==> flow/design.v <==
module core_regfile_mod #(
  parameter NWORDS = 6,
  parameter DW = 24,
  parameter ABITS = $clog2(NWORDS)
) (
  input  logic core_clk,
  input  logic nrst,
  input  logic wr_en,
  input  logic [ABITS-1:0] waddr,
  input  logic [DW-1:0] din,
  input  logic [ABITS-1:0] read_addr1,
  input  logic [ABITS-1:0] read_addr2,
  output logic [DW-1:0] rd_data1,
  output logic [DW-1:0] rd_data2
);
  logic r_wr_en;
  logic [ABITS-1:0] r_waddr;
  logic [DW-1:0] r_din;
  always_ff @(posedge core_clk) begin
    if (!nrst) begin
      r_wr_en <= 1'b0;
      r_waddr <= '0;
      r_din <= '0;
    end else begin
      r_wr_en <= wr_en;
      r_waddr <= waddr;
      r_din <= din;
    end
  end
  logic [DW-1:0] rf [0:NWORDS-1];
  always_ff @(posedge core_clk) begin
    if (!nrst) begin
      for (int n = 0; n < NWORDS; n++)
        rf[n] <= '0;
    end else if (r_wr_en) begin
      rf[r_waddr] <= r_din;
    end
  end
  logic [ABITS-1:0] r_read_addr1;
  logic [ABITS-1:0] r_read_addr2;
  always_ff @(posedge core_clk) begin
    if (!nrst) begin
      r_read_addr1 <= '0;
      r_read_addr2 <= '0;
      rd_data1 <= '0;
      rd_data2 <= '0;
    end else begin
      r_read_addr1 <= read_addr1;
      r_read_addr2 <= read_addr2;
      rd_data1 <= rf[r_read_addr1];
      rd_data2 <= rf[r_read_addr2];
    end
  end
endmodule
# Tool chain data of core_regfile_mod
# What the tools print for core_regfile_mod, step after step.
# Lines are those of the file above, counted from 1.
# Operators carry their Yosys type and port widths (W data, S select, Z words).
# Cell names lack the library's common part.
# Not given: -
[inputs]
design = "core_regfile_mod"
clock = "core_clk"
cell_library = "sky130hd"
lib_corner = "tt_025C_1v80"

# Word-level counts
# Source: Yosys, flattened and elaborated, memories not mapped. Widths are those after wreduce; folded enables and synchronous resets count as part of the registers. Registers that Yosys merges into a memory's read port (data or address) are not register bits. Print and check cells do not count.
# Yosys's memory passes give these memory sizes; they may raise the number of words (mostly to a power of two), join words into wider ones and drop unused or constant bits.
[bits]
ff_bits = 34
ram_bits = 192
elab_cells = 19
n_memories = 1
[op_classes]
reduce_and_logical = 3
mux = 10
[mem_list]
columns = ["name", "size", "word_bits", "line", "text"]
rows = [
  ["rf", 8, 24, 30, "logic [DW-1:0] rf [0:NWORDS-1];"],
]
[ops]
columns = ["op", "count"]
rows = [
  ["$mux W24", 3],
  ["$reduce_or A24 Y1", 1],
  ["$mux W3", 3],
  ["$mux W1", 4],
  ["$logic_not A1 Y1", 2],
]

# Logic depth
# Depth = most cells in a row (Yosys ltp): at word level without a register or memory, in the mapped netlist without a sequential cell, where the memories' decode and read muxes count.
[logic_depth]
depth_word = 4
abc_area = 0
ltp_mapped = 6
mapped_depth_nobuf = 3

# After synthesis
# Yosys stat after the flow's synthesis: flattened, memories mapped to cells. It holds for the ABC_AREA given above (unset counts as 0); a run with the other value may have another netlist.
# Totals and module areas in this step are rounded.
[by_type]
columns = ["type", "count", "type_area_um2"]
rows = [
  ["edfxtp_1", 192, 5765.53],
  ["dfxtp_1", 82, 1.64E+03],
  ["mux4_2", 48, 1.08E+03],
  ["mux2i_1", 72, 720.691],
  ["nor2_1", 104, 390.374],
  ["mux2_2", 24, 270.259],
  ["o211a_1", 24, 240.23],
  ["and2_1", 36, 225.216],
  ["a221oi_1", 24, 210.202],
  ["inv_1", 51, 191.434],
  ["a22oi_1", 24, 180.173],
  ["buf_2", 28, 140.134],
  ["o21ai_0", 25, 125.12],
  ["nor2_2", 19, 118.864],
  ["nand2_1", 29, 108.854],
  ["buf_6", 9, 101.347],
  ["clkbuf_1", 21, 78.826],
  ["buf_4", 5, 37.536],
]
# Other cell types: 8; their cells: 11.
[mapped]
area_um2 = 11710
sequential_area_um2 = 7407
cell_count = 828
ffs = 274
buffers = 63

# Path before layout
# Source: OpenSTA report_checks on the synthesized netlist (no wires, ideal clock, input and output delay 20% of the period each), path of least setup slack; recovery checks are left aside. Register names are those of the netlist, which keeps one name where synthesis merged equal registers.
[synth_path]
path_kind = "input to register"
startpoint = "in nrst"
endpoint = "mem rf[4][0]"
t_first_pin_ns = 0.802
period_ns = 4.01
driving_pins = 4
arrival_time_ns = 2.933
input_delay_ns = 0.802
required_time_ns = 3.572
n_path_buf = 1
path_delay_ns = 2.569
path_slack_ns = 0.639
synth_period_reached_ns = 3.371
# "path_delay_ns" is the arrival time less input delay plus setup time.
# "driving_pins": output pins that drive a net of the path, with the launching flip-flop's if there is one; two outputs of one cell count as two.
# "synth_period_reached_ns" is the clock period less the worst setup slack; recovery checks do not enter. This is arithmetic on one report: input and output delays are still those of the set period (20% each).
# Between the ends stands the longest chain of elaborated cells between them, by number of cells; it is not shown to be the way that was timed. Of several equally long chains one is given.
# Each line given opens the expression or statement behind the cell; cells for indexed reads and writes are added by Yosys, which also makes memories of some case tables.
# Only ways into the end's enable, where the timed path ends, are counted here.
[synth_via]
path_cell_list = "buf_4 nand2_1 o21ai_1 o21ai_0"
elab_chain_len = 3
[synth_lines]
columns = ["item", "line", "text"]
rows = [
  ["start, declared", 7, "input  logic nrst,"],
  ["$mux W1", 32, "if (!nrst) begin"],
  ["$reduce_or A24 Y1", "-", ""],
  ["$mux W3", "-", ""],
  ["end, declared", 30, "logic [DW-1:0] rf [0:NWORDS-1];"],
]

# Timing after layout
# Path of least setup slack in the final report of flow run 1 (OpenROAD, finished layout, wires in). Where an end is a register, its clock arrival counts in the times.
[layout_path]
path_kind = "register to register"
startpoint = "reg r_read_addr2[1]"
endpoint = "reg rd_data2[0]"
n_path_buf = 2
driving_pins = 6
required_time_ns = 4.43
t_first_pin_ns = 0.54
period_ns = 4.01
arrival_time_ns = 3.21
path_slack_ns = 1.22
[layout_via]
path_cell_list = "dfxtp_1 buf_4 and2_1 buf_4 a22oi_1 o211a_1"
[layout_lines]
columns = ["item", "line", "text"]
rows = [
  ["start, declared", 40, "logic [ABITS-1:0] r_read_addr2;"],
  ["start, assigned", 44, "r_read_addr2 <= '0;"],
  ["start, assigned", 49, "r_read_addr2 <= read_addr2;"],
  ["end, declared", 14, "output logic [DW-1:0] rd_data2"],
]
# No chain of elaborated cells between the ends is given.

# Below are 3 stored runs of the flow (Yosys, OpenROAD; platform sky130hd) on core_regfile_mod, each with its settings and what was measured, unordered. Constraints: input delay and output delay 20% of the set period each, output load 0.01 pF.
# "critical_path_time_ns" = time allowed to the worst setup path (clock period - input delay - output delay, where it has them) - its slack; a late launch clock adds to it, a late capture clock takes from it.
# Values from the reports are rounded here.

[[run]]
name = "flow run 1"
[run.settings]
period_ns = 4.01
CAP_MARGIN = 20
CORE_MARGIN = 2
CORE_UTILIZATION = 40
SLEW_MARGIN = 20
[run.results]
fin_util_pct = 48.1
critical_path_time_ns = 2.79
worstPathKind = "register to register"
layout_stdcell_area_um2 = 13840
ys_area_um2 = 11710
setup_ws_ns = 1.221
setup_tns_ns = 0.000
final_die_area_um2 = 30660

[[run]]
name = "flow run 2"
[run.settings]
period_ns = 3.46
CORE_UTILIZATION = 35
PLACE_DENSITY_LB_ADDON = 0.29
CORE_MARGIN = 8
CELL_PAD_IN_SITES_GLOBAL_PLACEMENT = 2
CELL_PAD_IN_SITES_DETAIL_PLACEMENT = 1
ABC_AREA = 1
GPL_TIMING_DRIVEN = 0
CAP_MARGIN = 20
SLEW_MARGIN = 20
[run.results]
fin_util_pct = 43.0
critical_path_time_ns = 2.26
worstPathKind = "register to register"
layout_stdcell_area_um2 = 15750
ys_area_um2 = 13030
setup_ws_ns = 1.199
setup_tns_ns = 0.000
final_die_area_um2 = 43650

[[run]]
name = "flow run 3"
[run.settings]
period_ns = 2.74
CORE_UTILIZATION = 38
SETUP_SLACK_MARGIN = -0.12
PLACE_DENSITY = 0.8
CORE_MARGIN = 3
CELL_PAD_IN_SITES_GLOBAL_PLACEMENT = 1
ABC_AREA = 1
GPL_TIMING_DRIVEN = 1
CTS_CLUSTER_SIZE = 28
CTS_CLUSTER_DIAMETER = 218
CAP_MARGIN = 0
MIN_ROUTING_LAYER = "met1"
MAX_ROUTING_LAYER = "met5"
SLEW_MARGIN = 20
[run.results]
fin_util_pct = 43.3
critical_path_time_ns = 1.42
worstPathKind = "register to output"
layout_stdcell_area_um2 = 14600
ys_area_um2 = 13030
setup_ws_ns = 0.775
setup_tns_ns = 0.000
final_die_area_um2 = 36540
